==> flow/design.v <==
module alu_sub_unit_mod #(
    parameter int WIDTH = 16
) (
    input  logic sys_clk,
    input  logic [WIDTH-1:0] i_da,
    input  logic [WIDTH-1:0] i_db,
    output logic [WIDTH:0] o_result,
    output logic [WIDTH:0] o_out
);
    logic [WIDTH-1:0] r_da;
    logic [WIDTH-1:0] r_db;
    always_ff @(posedge sys_clk) begin
        r_da <= i_da;
        r_db <= i_db;
        o_result <= r_da + r_db;
        o_out <= r_da - r_db;
    end
endmodule
Step by step through the tools: alu_sub_unit_mod
Tool output for the design above, in the order of the flow.
Line numbers count from 1 in the design file above.
Operators: Yosys type, input widths -> output width; for muxes data width and select width s.
Cell names lack the library's common part.
{ "setup": {"design": "alu_sub_unit_mod", "clk_port": "sys_clk", "cell_library": "sky130hd", "pvt_corner": "tt_025C_1v80"} }

After elaboration
Source: Yosys, flattened and elaborated, memories not mapped. Widths are those after wreduce; folded enables and synchronous resets count as part of the registers. Registers that Yosys merges into a memory's read port (data or address) are not register bits. Print and check cells do not count. Equal cells are merged and count once.
{ "bits": {"reg_bits": 66, "input_bits": 33, "out_inout_bits": 34, "word_cells": 6} }
{ "op_classes": {"addsub": 2} }
{ "ops": {"columns": ["op", "n"], "rows": [
  ["$add 16x16->17", 1],
  ["$sub 16x16->17", 1]
]} }

Logic depth
Yosys ltp: most cells in a row. Word level: on the elaborated netlist, between registers, memories and ports. Mapped: between sequential cells and ports; inverters and the memories' decode and read muxes count.
{ "logic_depth": {"depth_word": 1, "abc_area": 0, "mapped_depth": 8, "depth_no_buf": 8} }

After synthesis
Source: synth_stat.txt of the flow (Yosys; design flattened, memories mapped). It holds for the ABC_AREA given above (unset counts as 0); a run with the other value may have another netlist.
Totals and module areas in this step are rounded.
{ "types": {"columns": ["cell_type", "n", "type_area_um2"], "rows": [
  ["dfxtp_1", 65, 1.3E+03],
  ["ha_1", 32, 400.384],
  ["xnor2_1", 17, 148.893],
  ["a21oi_1", 23, 115.11],
  ["inv_1", 28, 105.101],
  ["nor2_1", 22, 82.579],
  ["nor3_1", 9, 45.043],
  ["xor2_1", 5, 43.792],
  ["fa_1", 2, 40.038],
  ["nand2_1", 10, 37.536],
  ["o31ai_1", 5, 37.536],
  ["a211o_1", 4, 35.034],
  ["nand3_1", 7, 35.034],
  ["a31oi_1", 5, 31.28],
  ["nor2b_1", 5, 31.28],
  ["a211oi_1", 4, 30.029],
  ["o211ai_1", 4, 30.029],
  ["o21bai_1", 4, 30.029]
]} }
Other cell types: 37; their cells: 64.
{ "mapped": {"stdcells": 315, "area_mm2": 0.00304, "seqArea_mm2": 0.0013, "flip_flops": 65, "buf_cells": 14} }

Timing after synthesis
OpenSTA on the mapped netlist: ideal clock, no wires. The path of least setup slack (recovery checks aside). Input and output delay are each 20% of the period. Register names are those of the netlist, which keeps one name where synthesis merged equal registers.
{ "synth_timing": {"path_type": "reg-to-reg", "startpoint": "register r_da[0]", "endpoint": "register o_result[16]", "clock_period_ns": 2.41, "setup_ns": 0.129, "t_first_pin_ns": 0.000, "arrival_time_ns": 1.798, "required_ns": 2.281, "setup_slack_ns": 0.483, "delay_ns": 1.927, "driving_pins": 8, "path_buffers": 0, "period_less_setup_slack_ns": 1.927} }
"delay_ns" = arrival - input delay + setup time.
"driving_pins": output pins that drive a net of the path, with the launching flip-flop's if there is one; two outputs of one cell count as two.
"period_less_setup_slack_ns" = period - worst setup slack (recovery checks aside). The figure is calculated, with input and output delays left at 20% of the set period.
Between the ends stands the longest chain of elaborated cells between them, by number of cells; it is not shown to be the way that was timed. Of several equally long chains one is given.
Each line given opens the expression or statement behind the cell; cells for indexed reads and writes are added by Yosys, which also makes memories of some case tables.
{ "synth_via": {"cell_sequence": "dfxtp_1 -> ha_1 -> fa_1 -> nor2b_1 -> o21ai_0 -> a31oi_1 -> a21oi_1 -> o211ai_1", "elab_chain_len": 1, "cells_between": 1, "cone_lines": 1, "classes_between": "1 x add/sub"} }
{ "synth_lines": {"columns": ["item", "line", "source"], "rows": [
  ["start: declaration", 10, "logic [WIDTH-1:0] r_da;"],
  ["start: assignment", 13, "r_da <= i_da;"],
  ["$add 16x16->17", 15, "o_result <= r_da + r_db;"],
  ["end: assignment", 15, null],
  ["end: declaration", 7, "output logic [WIDTH:0] o_result,"]
]} }

Timing after layout
From the final timing report of flow run A: the path of least setup slack in the routed layout; clock arrival at registers is part of the times.
{ "layout_timing": {"path_type": "reg-to-reg", "startpoint": "register r_db[9]", "endpoint": "register o_result[13]", "clock_period_ns": 2.41, "setup_ns": 0.11, "t_first_pin_ns": 0.34, "arrival_time_ns": 2.45, "required_ns": 2.64, "setup_slack_ns": 0.20, "driving_pins": 8, "path_buffers": 0} }
Between the ends stands the longest chain of elaborated cells between them, by number of cells; it is not shown to be the way that was timed. Of several equally long chains one is given.
{ "layout_via": {"cell_sequence": "dfxtp_1 -> inv_1 -> ha_1 -> clkinv_1 -> o211ai_1 -> nand2_1 -> a211o_1 -> a211o_1", "elab_chain_len": 1, "cells_between": 1, "cone_lines": 1, "classes_between": "1 x add/sub"} }
{ "layout_lines": {"columns": ["item", "line", "source"], "rows": [
  ["start: declaration", 11, "logic [WIDTH-1:0] r_db;"],
  ["start: assignment", 14, "r_db <= i_db;"],
  ["$add 16x16->17", 15, "o_result <= r_da + r_db;"],
  ["end: assignment", 15, null],
  ["end: declaration", 7, "output logic [WIDTH:0] o_result,"]
]} }

Lab notebook: alu_sub_unit_mod

Flow measurements of alu_sub_unit_mod on sky130hd: 3 stored runs with different settings, listed in no order. Input and output delays are each 20% of the period that was set; the output load is 0.01 pF.
"achieved period" is the run's clock period less its worst setup slack. It is reckoned from that one timing run; input and output delays stay at 20% of the period that was set.
"critical path time" = time allowed to the worst setup path (clock period - input delay - output delay, where it has them) - its slack; a late launch clock adds to it, a late capture clock takes from it.
Results are given in rounded form.

==> flow run A: settings <==
{ "period_ns": 2.41, "CAP_MARGIN": 20, "CORE_MARGIN": 2, "CORE_UTILIZATION": 40, "SLEW_MARGIN": 20 }
==> flow run A: results <==
post-synthesis cell area: 0.00304 mm2
full die area: 0.00831 mm2
final utilization: 55.2 %
worst slack on setup checks: 0.196 ns
achieved period: 2.214 ns
critical path time: 2.21 ns
critical path kind: reg-to-reg

==> flow run B: settings <==
{ "period_ns": 3.65, "CORE_UTILIZATION": 52, "PLACE_DENSITY": 0.78, "CELL_PAD_IN_SITES_DETAIL_PLACEMENT": 1, "GPL_ROUTABILITY_DRIVEN": 1, "CTS_CLUSTER_SIZE": 87, "CAP_MARGIN": 15, "MIN_ROUTING_LAYER": "met1", "CORE_MARGIN": 2, "SLEW_MARGIN": 20 }
==> flow run B: results <==
post-synthesis cell area: 0.00304 mm2
full die area: 0.00647 mm2
final utilization: 70.1 %
worst slack on setup checks: 1.14 ns
achieved period: 2.507 ns
critical path time: 2.51 ns
critical path kind: reg-to-reg

==> flow run C: settings <==
{ "period_ns": 2.22, "CORE_UTILIZATION": 23, "PLACE_DENSITY_LB_ADDON": 0.02, "CORE_ASPECT_RATIO": 1.24, "CELL_PAD_IN_SITES_DETAIL_PLACEMENT": 2, "TNS_END_PERCENT": 60, "ABC_AREA": 1, "SLEW_MARGIN": 35, "CAP_MARGIN": 20, "CORE_MARGIN": 2 }
==> flow run C: results <==
post-synthesis cell area: 0.00325 mm2
full die area: 0.0151 mm2
final utilization: 31.4 %
worst slack on setup checks: 0.263 ns
achieved period: 1.957 ns
critical path time: 1.96 ns
critical path kind: reg-to-reg
